==> flow/design.v <==
module sync_sh_core_n (ck, rstn, step, ch_in, sa_in, out_out);
  parameter DATA_WIDTH = 80;
  localparam SBITS = $clog2(DATA_WIDTH);
  input ck;
  input rstn;
  input step;
  input signed [DATA_WIDTH-1:0] ch_in;
  input [SBITS-1:0] sa_in;
  output reg [DATA_WIDTH-1:0] out_out;
  reg signed [DATA_WIDTH-1:0] r_ch;
  reg [SBITS-1:0] r_sa;
  always @(posedge ck) begin
    if (!rstn) begin
      r_ch <= 0;
      r_sa <= 0;
      out_out <= 0;
    end else if (step) begin
      r_ch <= ch_in;
      r_sa <= sa_in;
      out_out <= r_ch >>> r_sa;
    end
  end
endmodule
==> Step by step through the tools: sync_sh_core_n <==
Tool output for the design above, in the order of the flow.
Lines are those of the file above, counted from 1.
{ "setup": {"top": "sync_sh_core_n", "clk_port": "ck", "library": "sky130hd", "pvt_corner": "tt_025C_1v80"} }

==> Elaborated design <==
Counts by Yosys on the flattened word-level netlist (proc, flatten, opt, wreduce; memories kept). Register bits leave out memories and registers merged into their read ports (data or address); mux counts leave out enables and synchronous resets folded into registers. Print and check cells are left out. Cells with the same type and inputs are merged into one.
{ "word_totals": {"out_inout_bits": 80, "reg_bits": 167} }
{ "op_classes": {"n_shift": 1} }
{ "ops": {"columns": ["op", "n"], "rows": [
  [">>> shifter 80 x 7 -> 80 bit", 1]
]} }

==> Logic depth <==
Longest topological path by Yosys (ltp), each cell counted once; first at word level (registers and memories cut), then after technology mapping (sequential cells cut; the memories' decode and read muxes count).
{ "logic_depth": {"ltp_word": 1, "ABC_AREA": 0, "ltp_mapped": 12} }

==> Netlist <==
Yosys stat after the flow's synthesis: flattened, memories mapped to cells. It holds for the ABC_AREA given above (unset counts as 0); a run with the other value may have another netlist.
{ "mapped": {"flip_flops": 167, "buf_cells": 124, "seq_area_mm2": 0.0033432, "area_mm2": 0.0126596, "cells": 1321} }
{ "by_type": {"columns": ["cell_type", "n"], "rows": [
  ["sky130_fd_sc_hd__dfxtp_1", 167],
  ["sky130_fd_sc_hd__mux4_2", 95],
  ["sky130_fd_sc_hd__mux2i_1", 175],
  ["sky130_fd_sc_hd__mux2_2", 60],
  ["sky130_fd_sc_hd__nor2b_1", 94],
  ["sky130_fd_sc_hd__o21ai_0", 103],
  ["sky130_fd_sc_hd__nand2_1", 118],
  ["sky130_fd_sc_hd__mux4_1", 15],
  ["sky130_fd_sc_hd__nor2_1", 89],
  ["sky130_fd_sc_hd__a21oi_1", 55],
  ["sky130_fd_sc_hd__clkbuf_1", 68],
  ["sky130_fd_sc_hd__a31oi_1", 27],
  ["sky130_fd_sc_hd__o22ai_1", 19],
  ["sky130_fd_sc_hd__a221oi_1", 12],
  ["sky130_fd_sc_hd__buf_2", 21],
  ["sky130_fd_sc_hd__nand3_1", 19],
  ["sky130_fd_sc_hd__o211ai_1", 12],
  ["sky130_fd_sc_hd__o221ai_1", 10]
]} }
Not listed: further types 41, cells in them 162.

==> Timing after synthesis <==
OpenSTA on the mapped netlist: ideal clock, no wires. The path of least setup slack (recovery checks aside). Input and output delay are each 20% of the period. Register names are those of the netlist, which keeps one name where synthesis merged equal registers.
{ "synth_path": {"kind": "register -> register", "from": "register r_sa[1]", "to": "register out_out[25]", "setup_time_ns": 0.115, "stages": 9, "required_time_ns": 2.825, "path_buffers": 3, "setup_slack_ns": 0.587, "path_delay_ns": 2.353, "clock_period_ns": 2.94, "arrival_time_ns": 2.238, "t_first_pin_ns": 0.000, "period_less_setup_slack_ns": 2.353} }
"path_delay_ns" is the arrival time less input delay plus setup time.
"stages": output pins that drive a net of the path, with the launching flip-flop's if there is one; two outputs of one cell count as two.
"period_less_setup_slack_ns" is the clock period less the worst setup slack; recovery checks do not enter. This is arithmetic on one report: input and output delays are still those of the set period (20% each).
The rows between start and end are the longest chain of elaborated cells between them; the timing report does not say that the signal goes this way. Where chains are equally long, one stands for them.
A line is the first line of the expression or statement that the cell stems from. Yosys adds cells for indexed reads and writes and turns some case tables into memories.
{ "synth_between": {"path_cell_list": "sky130_fd_sc_hd__dfxtp_1 -> sky130_fd_sc_hd__buf_6 -> sky130_fd_sc_hd__buf_12 -> sky130_fd_sc_hd__buf_4 -> sky130_fd_sc_hd__mux4_2 -> sky130_fd_sc_hd__mux2_2 -> sky130_fd_sc_hd__mux2_2 -> sky130_fd_sc_hd__o311a_1 -> sky130_fd_sc_hd__o21a_1", "elab_chain_cells": 1, "cone_cells": 1, "cone_lines": 1, "classes_between": "shift: 1"} }
{ "synth_lines": {"columns": ["element", "line_no", "rtl"], "rows": [
  ["start: declaration", 11, "reg [SBITS-1:0] r_sa;"],
  ["start: assignment", 15, "r_sa <= 0;"],
  ["start: assignment", 19, "r_sa <= sa_in;"],
  [">>> shifter 80 x 7 -> 80 bit", 20, "out_out <= r_ch >>> r_sa;"],
  ["end: assignment", 16, "out_out <= 0;"],
  ["end: assignment", 20, null],
  ["end: declaration", 9, "output reg [DATA_WIDTH-1:0] out_out;"]
]} }

==> Worst path after layout <==
Path of least setup slack in the final report of run 1 (OpenROAD, finished layout, wires in). Where an end is a register, its clock arrival counts in the times.
{ "layout_path": {"kind": "register -> register", "from": "register r_sa[1]", "to": "register out_out[20]", "setup_slack_ns": 0.11, "arrival_time_ns": 3.17, "required_time_ns": 3.28, "t_first_pin_ns": 0.45, "setup_time_ns": 0.11, "clock_period_ns": 2.94, "path_buffers": 1, "stages": 8} }
The rows between start and end are the longest chain of elaborated cells between them; the timing report does not say that the signal goes this way. Where chains are equally long, one stands for them.
{ "layout_between": {"path_cell_list": "sky130_fd_sc_hd__dfxtp_4 -> sky130_fd_sc_hd__buf_12 -> sky130_fd_sc_hd__mux4_2 -> sky130_fd_sc_hd__mux2_2 -> sky130_fd_sc_hd__mux2i_1 -> sky130_fd_sc_hd__a221oi_1 -> sky130_fd_sc_hd__a211oi_2 -> sky130_fd_sc_hd__nor2_1", "elab_chain_cells": 1, "cone_cells": 1, "cone_lines": 1, "classes_between": "shift: 1"} }
{ "layout_lines": {"columns": ["element", "line_no", "rtl"], "rows": [
  ["start: declaration", 11, "reg [SBITS-1:0] r_sa;"],
  ["start: assignment", 15, "r_sa <= 0;"],
  ["start: assignment", 19, "r_sa <= sa_in;"],
  [">>> shifter 80 x 7 -> 80 bit", 20, "out_out <= r_ch >>> r_sa;"],
  ["end: assignment", 16, "out_out <= 0;"],
  ["end: assignment", 20, null],
  ["end: declaration", 9, "output reg [DATA_WIDTH-1:0] out_out;"]
]} }

Data sheet: physical implementation of sync_sh_core_n

Record of 3 stored runs of the RTL-to-layout flow on sync_sh_core_n, platform sky130hd. The runs are unordered. Constraints: input delay and output delay 20% of the set period each, output load 0.01 pF.
By "time on the worst setup path" is meant the share of the clock period that the worst setup path is allowed (20% is reserved at inputs, 20% at outputs), minus its slack. Clock arrival times at its registers enter into it.
"total power after layout" is the tool's figure for a default switching activity; nothing was simulated.

==> run 1: settings <==
{ "period_ns": 2.94, "CAP_MARGIN": 20, "CORE_MARGIN": 2, "CORE_UTILIZATION": 40, "SLEW_MARGIN": 20 }
==> run 1: results <==
cell area after synthesis: 0.0126596 sq mm
total power after layout: 7.334 mW
area of the die: 0.0330876 sq mm
time on the worst setup path: 2.83 ns
critical path type: register -> register
worst setup slack after layout: 0.111 ns
final utilization: 50.3%

==> run 2: settings <==
{ "period_ns": 2.22, "CORE_UTILIZATION": 18, "SETUP_SLACK_MARGIN": 0.25, "PLACE_DENSITY_LB_ADDON": 0.27, "CORE_ASPECT_RATIO": 0.55, "CORE_MARGIN": 6, "CELL_PAD_IN_SITES_DETAIL_PLACEMENT": 0, "GPL_TIMING_DRIVEN": 0, "GPL_ROUTABILITY_DRIVEN": 1, "CTS_CLUSTER_SIZE": 50, "MIN_ROUTING_LAYER": "met1", "MAX_ROUTING_LAYER": "met5", "CAP_MARGIN": 20, "SLEW_MARGIN": 20 }
==> run 2: results <==
time on the worst setup path: 2.77 ns
critical path type: register -> register
worst setup slack after layout: -0.552 ns
cell area after synthesis: 0.0126596 sq mm
final utilization: 28.8%
total power after layout: 11.287 mW
area of the die: 0.0771271 sq mm

==> run 3: settings <==
{ "period_ns": 2.52, "CORE_UTILIZATION": 34, "SETUP_SLACK_MARGIN": -0.23, "PLACE_DENSITY_LB_ADDON": 0.06, "CELL_PAD_IN_SITES_GLOBAL_PLACEMENT": 2, "CELL_PAD_IN_SITES_DETAIL_PLACEMENT": 2, "ABC_AREA": 1, "MIN_ROUTING_LAYER": "met1", "MAX_ROUTING_LAYER": "met4", "CAP_MARGIN": 20, "CORE_MARGIN": 2, "SLEW_MARGIN": 20 }
==> run 3: results <==
total power after layout: 8.754 mW
worst setup slack after layout: 0.172 ns
final utilization: 42.4%
area of the die: 0.0341584 sq mm
cell area after synthesis: 0.0111169 sq mm
time on the worst setup path: 2.35 ns
critical path type: register -> register
